==> flow/design.v <==
module gen_add #(
    parameter integer XLEN = 18
) (
    input wire i_clk,
    input wire nrst,
    input wire [XLEN-1:0] da,
    input wire [XLEN-1:0] db,
    input wire cy_in,
    output reg [XLEN-1:0] sum,
    output reg carry
);
    wire [XLEN-1:0] cur;
    wire [XLEN:0] cc;
    assign cc[0] = cy_in;
    genvar g;
    generate
        for (g = 0; g < XLEN; g = g + 1) begin : u_g
            assign cur[g] = da[g] ^ db[g] ^ cc[g];
            assign cc[g+1] = (da[g] & db[g]) | (cc[g] & (da[g] ^ db[g]));
        end
    endgenerate
    always @(posedge i_clk or negedge nrst) begin
        if (!nrst) begin
            sum <= 0;
        end else begin
            sum <= cur;
        end
    end
    always @(posedge i_clk or negedge nrst) begin
        if (!nrst) begin
            carry <= 1'b0;
        end else begin
            carry <= cc[XLEN];
        end
    end
endmodule
Ticket comment

From RTL to reports: gen_add
Tool output for the members of one design family, told apart by "XLEN", in the order of the flow.
The file above is the member XLEN 18. Line numbers count from 1 in each member's own file.
Operators: Yosys type, input widths -> output width; for muxes data width and select width s.
Not given: n/a

design
  design top = gen_add
  clock port = i_clk
  standard-cell library = sky130hd
  library corner = tt_025C_1v80

Source of the members
New or changed lines of each further member against the RTL above, in its own file; lines it lacks are not shown.

new or changed lines
  XLEN  RTL line  source
  40    2         parameter integer XLEN = 40
  56    2         parameter integer XLEN = 56
  80    2         parameter integer XLEN = 80

Elaborated design
Yosys after proc, flatten, opt, wreduce and memory -nomap, before mapping. Enables and synchronous resets that opt folds into registers are not counted as muxes. Memory bits, and registers merged into a memory's read port (data or address), are not among the register bits. Print and check cells are not counted. Equal cells are merged and count once.

bit counts
  XLEN  register bits after elaboration  input bits  output and inout bits
  18    19                               39          19
  40    41                               83          41
  56    57                               115         57
  80    81                               163         81

cells by class
  XLEN  bitwise operators
  18    90
  40    200
  56    280
  80    400

operators by type and width
  XLEN  kinds with counts
  18    $and 1x1->1: 36; $xor 1x1->1: 36; $or 1x1->1: 18
  40    $and 1x1->1: 80; $xor 1x1->1: 80; $or 1x1->1: 40
  56    $and 1x1->1: 112; $xor 1x1->1: 112; $or 1x1->1: 56
  80    $and 1x1->1: 160; $xor 1x1->1: 160; $or 1x1->1: 80

Depth
Yosys ltp: most cells in a row. Word level: on the elaborated netlist, between registers, memories and ports. Mapped: between sequential cells and ports; inverters and the memories' decode and read muxes count.

depth
  XLEN  depth after elaboration  ABC_AREA  gate-level depth with buffers
  18    37                       0         22
  40    81                       0         44
  56    113                      0         60
  80    161                      0         84

Netlist
Source: synth_stat.txt of the flow (Yosys; design flattened, memories mapped). It holds for the ABC_AREA given above (unset counts as 0); a run with the other value may have another netlist.
Totals and module areas in this step are rounded.

cell types
  XLEN  type and count
  18    sky130_fd_sc_hd__dfrtp_1: 19; sky130_fd_sc_hd__fa_1: 18; sky130_fd_sc_hd__inv_1: 10
  40    sky130_fd_sc_hd__dfrtp_1: 41; sky130_fd_sc_hd__fa_1: 40; sky130_fd_sc_hd__inv_1: 10
  56    sky130_fd_sc_hd__dfrtp_1: 57; sky130_fd_sc_hd__fa_1: 56; sky130_fd_sc_hd__inv_1: 10
  80    sky130_fd_sc_hd__dfrtp_1: 81; sky130_fd_sc_hd__fa_1: 80; sky130_fd_sc_hd__inv_1: 10

synthesis totals
  XLEN  mapped area (µm²)  mapped cells  sequential part of the area (µm²)  buffers  flip-flop cells
  18    873                47            475                                0        19
  40    1860               91            1030                               0        41
  56    2580               123           1430                               0        57
  80    3670               171           2030                               0        81

Worst setup path after synthesis
Path of least setup slack by OpenSTA after synthesis, without wires, with an ideal clock, recovery checks aside; 20% of the period is set as input and as output delay. Where synthesis merged equal registers, the netlist keeps one of their names.

path post-synthesis
  XLEN  path kind          start point  end point         stages on the path  delay of the path (ns)  setup slack (ns)  period (ns)  synthesis period reached (ns)
  18    input to register  input da[0]  register sum[17]  22                  6.886                   1.754             10.8         9.046
  40    input to register  input da[0]  register sum[39]  44                  15.241                  3.799             23.8         20.001
  56    input to register  input da[0]  register sum[55]  60                  21.316                  5.324             33.3         27.976
  80    input to register  input da[0]  register sum[79]  84                  30.430                  7.570             47.5         39.93

"delay of the path" is the arrival time less input delay plus setup time.
"stages on the path": output pins that drive a net of the path, with the launching flip-flop's if there is one; two outputs of one cell count as two.
"synthesis period reached" = period - worst setup slack (recovery checks aside). The figure is calculated, with input and output delays left at 20% of the set period.
The rows between start and end are the longest chain of elaborated cells between them; the timing report does not say that the signal goes this way. Where chains are equally long, one stands for them.
Each line given opens the expression or statement behind the cell; cells for indexed reads and writes are added by Yosys, which also makes memories of some case tables.

between the ends, post-synthesis, XLEN 18
  cells in the longest elaborated chain = 36

ends and longest elaborated chain, post-synthesis, XLEN 18
  item             RTL line  source
  start, declared  6         input wire [XLEN-1:0] da,
  $xor 1x1->1      19        assign cc[g+1] = (da[g] & db[g]) | (cc[g] & (da[g] ^ db[g]));
  $and 1x1->1      19
  $or 1x1->1       19
  $and 1x1->1      19
  $or 1x1->1       19
  $and 1x1->1      19
  $or 1x1->1       19
  (+22 left out)   n/a
  $and 1x1->1      19
  $or 1x1->1       19
  $and 1x1->1      19
  $or 1x1->1       19
  $and 1x1->1      19
  $or 1x1->1       19
  $xor 1x1->1      18        assign cur[g] = da[g] ^ db[g] ^ cc[g];
  end, assigned    24        sum <= 0;
  end, assigned    26        sum <= cur;
  end, declared    9         output reg [XLEN-1:0] sum,

between the ends, post-synthesis, XLEN 80
  cells in the longest elaborated chain = 160

ends and longest elaborated chain, post-synthesis, XLEN 80
  item             RTL line  source
  start, declared  6         input wire [XLEN-1:0] da,
  $xor 1x1->1      19        assign cc[g+1] = (da[g] & db[g]) | (cc[g] & (da[g] ^ db[g]));
  $and 1x1->1      19
  $or 1x1->1       19
  $and 1x1->1      19
  $or 1x1->1       19
  $and 1x1->1      19
  $or 1x1->1       19
  (+146 left out)  n/a
  $and 1x1->1      19
  $or 1x1->1       19
  $and 1x1->1      19
  $or 1x1->1       19
  $and 1x1->1      19
  $or 1x1->1       19
  $xor 1x1->1      18        assign cur[g] = da[g] ^ db[g] ^ cc[g];
  end, assigned    24        sum <= 0;
  end, assigned    26        sum <= cur;
  end, declared    9         output reg [XLEN-1:0] sum,

Path in the finished layout
Path of least setup slack in the final report of the run of each member (OpenROAD, finished layout, wires in). Where an end is a register, its clock arrival counts in the times.

path after layout
  XLEN  path kind          start point  end point         arrival (ns)  stages on the path  buffers on the path  setup slack (ns)  period (ns)
  18    input to register  input da[0]  register sum[17]  9.66          23                  1                    1.37              10.8
  40    input to register  input da[0]  register sum[39]  20.93         45                  1                    3.10              23.8
  56    input to register  input da[0]  register sum[55]  29.21         61                  1                    4.35              33.3
  80    input to register  input da[0]  register sum[79]  41.34         85                  1                    6.45              47.5

Layout results
One run of the flow (Yosys, OpenROAD) for each member, with settings and measured results. Input and output delays are each 20% of the period that was set; the output load is 0.01 pF.

flow settings
  CAP_MARGIN = 20
  CORE_MARGIN = 2
  CORE_UTILIZATION = 40
  SLEW_MARGIN = 20

settings by member
  XLEN  period_ns
  18    10.8
  40    23.8
  56    33.3
  80    47.5

final reports
  XLEN  worst setup slack after layout (ns)  overall power (mW)  standard-cell area after routing (µm²)  Yosys chip area after synthesis (µm²)  setup total negative slack (ns)  die outline area (µm²)  clock period achieved (ns)  utilization in the final report (%)
  18    1.37                                 0.188               1500                                    873                                    0.000                            2570                    9.433                       75.1
  40    3.10                                 0.199               3240                                    1860                                   0.000                            5220                    20.699                      73.4
  56    4.35                                 0.211               4560                                    2580                                   0.000                            7120                    28.952                      72.3
  80    6.45                                 0.208               6450                                    3670                                   0.000                            9950                    41.048                      73.2

"clock period achieved" means the clock period less the worst setup slack. The figure is calculated, with input and output delays left at 20% of the set period.
"overall power" rests on the timing tool's default activity at the inputs, not on a simulated workload.
The measured numbers are rounded.
